==> flow/design.v <==
module selector_mod (i_clk, resetn, ch_0, ch_1, ch_2, ch_3, ch_4, ch_5, pick, out);
  parameter DW = 8;
  input i_clk;
  input resetn;
  input [DW-1:0] ch_0;
  input [DW-1:0] ch_1;
  input [DW-1:0] ch_2;
  input [DW-1:0] ch_3;
  input [DW-1:0] ch_4;
  input [DW-1:0] ch_5;
  input [4:0] pick;
  output reg [DW-1:0] out;
  reg [DW-1:0] work;
  always @(*) begin
    casez (pick)
      5'b????1: work = ch_0;
      5'b???10: work = ch_1;
      5'b??100: work = ch_2;
      5'b?1000: work = ch_3;
      5'b10000: work = ch_4;
      default: work = ch_5;
    endcase
  end
  always @(posedge i_clk or negedge resetn) begin
    if (!resetn) begin
      out <= 0;
    end else begin
      out <= work;
    end
  end
endmodule
# == Tool chain data of selector_mod ==
# A sweep over "DW": the same steps for each member of the family.
# The RTL above is that of DW = 8; lines are counted from 1 in the file of the member named.
# Operators carry their Yosys type and port widths (W data, S select, Z words).
# Cell names lack the library's common part.
# Not given: -
# design
top_module,selector_mod
clock_port,i_clk
cell_library,sky130hd
corner,tt_025C_1v80

# == Members of the sweep ==
# New or changed lines of each further member against the RTL above, in its own file; lines it lacks are not shown.
# changed_lines
DW,line,rtl
12,2,parameter DW = 12;
16,2,parameter DW = 16;
24,2,parameter DW = 24;

# == Word-level counts ==
# Counts by Yosys on the flattened word-level netlist (proc, flatten, opt, wreduce; memories kept). Register bits leave out memories and registers merged into their read ports (data or address); mux counts leave out enables and synchronous resets folded into registers. Print and check cells are left out. Cells with the same type and inputs are merged into one.
# word_totals
DW,regBits,output_inout_bits,word_cells
8,8,8,6
12,12,12,6
16,16,16,6
24,24,24,6
# op_classes
DW,equal,mux
8,4,1
12,4,1
16,4,1
24,4,1
# ops
DW,operators
8,$pmux W8 S5 (1); $eq A5 B5 Y1 const B (1); $eq A4 B4 Y1 const B (1); $eq A3 B3 Y1 const B (1); $eq A2 B2 Y1 const B (1)
12,$pmux W12 S5 (1); $eq A5 B5 Y1 const B (1); $eq A4 B4 Y1 const B (1); $eq A3 B3 Y1 const B (1); $eq A2 B2 Y1 const B (1)
16,$pmux W16 S5 (1); $eq A5 B5 Y1 const B (1); $eq A4 B4 Y1 const B (1); $eq A3 B3 Y1 const B (1); $eq A2 B2 Y1 const B (1)
24,$pmux W24 S5 (1); $eq A5 B5 Y1 const B (1); $eq A4 B4 Y1 const B (1); $eq A3 B3 Y1 const B (1); $eq A2 B2 Y1 const B (1)

# == Longest topological paths ==
# Yosys ltp: most cells in a row. Word level: on the elaborated netlist, between registers, memories and ports. Mapped: between sequential cells and ports; inverters and the memories' decode and read muxes count.
# logic_depth
DW,word_depth,abc_area,mapped_depth,depth_no_buf
8,2,0,5,3
12,2,0,5,3
16,2,0,6,3
24,2,0,6,3

# == After synthesis ==
# Yosys stat after the flow's synthesis: flattened, memories mapped to cells. It holds for the ABC_AREA given above (unset counts as 0); a run with the other value may have another netlist.
# synth_totals
DW,stdcells,flip_flops,synth_area_um2,seqArea_um2,buffers
8,73,8,666.9,200.2,6
12,109,12,1107.3,300.3,10
16,145,16,1290.0,400.4,14
24,217,24,1903.1,600.6,22
# types
DW,type_list
8,dfrtp_1 (8); a22o_1 (8); a2bb2oi_1 (8); a22oi_1 (8); nand3b_1 (8); nand2b_1 (9); a21oi_1 (8); inv_1 (8); nor4b_4 (1); nor4_4 (1); buf_2 (4); buf_6 (1); clkbuf_1 (1)
12,dfrtp_1 (12); a2bb2oi_2 (10); a22oi_2 (10); a22o_1 (12); nand3b_1 (12); nand2b_1 (12); a21oi_1 (12); inv_1 (12); buf_6 (3); nor4b_4 (1); nor4_4 (1); a2bb2oi_1 (2); a22oi_1 (2); buf_4 (2); clkbuf_1 (3); buf_2 (2); nand2b_2 (1)
16,dfrtp_1 (16); a22o_1 (16); a2bb2oi_1 (16); a22oi_1 (16); nand3b_1 (16); nand2b_1 (17); a21oi_1 (16); inv_1 (16); nor4b_4 (1); buf_6 (2); nor4_4 (1); clkbuf_1 (5); buf_4 (2); buf_1 (3); buf_2 (2)
24,dfrtp_1 (24); a22o_1 (24); a2bb2oi_1 (24); a22oi_1 (24); nand3b_1 (24); nand2b_1 (25); a21oi_1 (24); inv_1 (24); buf_2 (10); clkbuf_1 (10); nor4b_4 (1); buf_6 (2); nor4_4 (1)

# == Timing after synthesis ==
# Source: OpenSTA report_checks on the synthesized netlist (no wires, ideal clock, input and output delay 20% of the period each), path of least setup slack; recovery checks are left aside. Register names are those of the netlist, which keeps one name where synthesis merged equal registers.
# synth_path
DW,kind,startpoint,endpoint,clock_period_ns,driving_pins,path_slack_ns,path_delay_ns,period_less_setup_slack_ns
8,input port to flip-flop,in pick[2],reg out[0],1.61,5,0.255,1.033,1.355
12,input port to flip-flop,in pick[0],reg out[0],1.44,5,0.230,0.921,1.21
16,input port to flip-flop,in pick[2],reg out[0],1.77,6,0.284,1.132,1.486
24,input port to flip-flop,in pick[2],reg out[0],1.78,6,0.281,1.142,1.499
# "path_delay_ns" is the arrival time less input delay plus setup time.
# "driving_pins" counts driving pins, that of a launching flip-flop among them; a cell with two outputs on the path counts twice.
# "period_less_setup_slack_ns" is the clock period less the worst setup slack; recovery checks do not enter. This is arithmetic on one report: input and output delays are still those of the set period (20% each).
# The rows between start and end are the longest chain of elaborated cells between them; the timing report does not say that the signal goes this way. Where chains are equally long, one stands for them.
# Each line given opens the expression or statement behind the cell; cells for indexed reads and writes are added by Yosys, which also makes memories of some case tables.
# synth_between_DW_8
elab_chain_len,2
# synth_lines_DW_8
element,line,rtl
"start, declared",11,input [4:0] pick;
$eq A5 B5 Y1,15,casez (pick)
$pmux W8 S5,15,
"end, assigned",26,out <= 0;
"end, assigned",28,out <= work;
"end, declared",12,output reg [DW-1:0] out;
# synth_between_DW_24
elab_chain_len,2
# synth_lines_DW_24
element,line,rtl
"start, declared",11,input [4:0] pick;
$eq A5 B5 Y1,15,casez (pick)
$pmux W24 S5,15,
"end, assigned",26,out <= 0;
"end, assigned",28,out <= work;
"end, declared",12,output reg [DW-1:0] out;

# == Worst path after layout ==
# Path of least setup slack in the final report of the run of each member (OpenROAD, finished layout, wires in). Where an end is a register, its clock arrival counts in the times.
# layout_path
DW,kind,startpoint,endpoint,arrival_time_ns,clock_period_ns,driving_pins,path_slack_ns,path_buffers
8,input port to flip-flop,in pick[2],reg out[2],1.65,1.61,5,0.12,2
12,flip-flop to output port,reg out[0],out out[0],1.13,1.44,2,0.02,1
16,input port to flip-flop,in pick[2],reg out[9],1.79,1.77,5,0.18,2
24,input port to flip-flop,in pick[2],reg out[14],1.84,1.78,5,0.14,2

# == Flow runs ==
# One run of the flow (Yosys, OpenROAD) for each member, with settings and measured results. Input and output delays are each 20% of the period that was set; the output load is 0.01 pF.
# flow_settings
CAP_MARGIN,20
CORE_MARGIN,2
CORE_UTILIZATION,40
SLEW_MARGIN,20
# settings_diff
DW,period_ns
8,1.61
12,1.44
16,1.77
24,1.78
# measured
DW,utilization_pct,setup_ws_ns,power.total_uw,clock_period_reached_ns,post_synth_area_um2,tns_ns,final_cell_area_um2,design.die.area_um2
8,87.4,0.123,684.8,1.487,666.9,0.000,1347.5,2009.7
12,79.0,0.021,1169,1.419,1107.3,0.000,2123.3,3205.3
16,84.5,0.182,1136,1.588,1290.0,0.000,2578.7,3695.4
24,80.8,0.140,1760,1.640,1903.1,0.000,3764.9,5325.4
# "clock_period_reached_ns" means the clock period less the worst setup slack. The figure is calculated, with input and output delays left at 20% of the set period.
# By "power.total_uw" is meant OpenSTA's value without simulated activity: inputs other than the clock are taken to toggle once in ten clock periods, and the tool carries that through the logic.
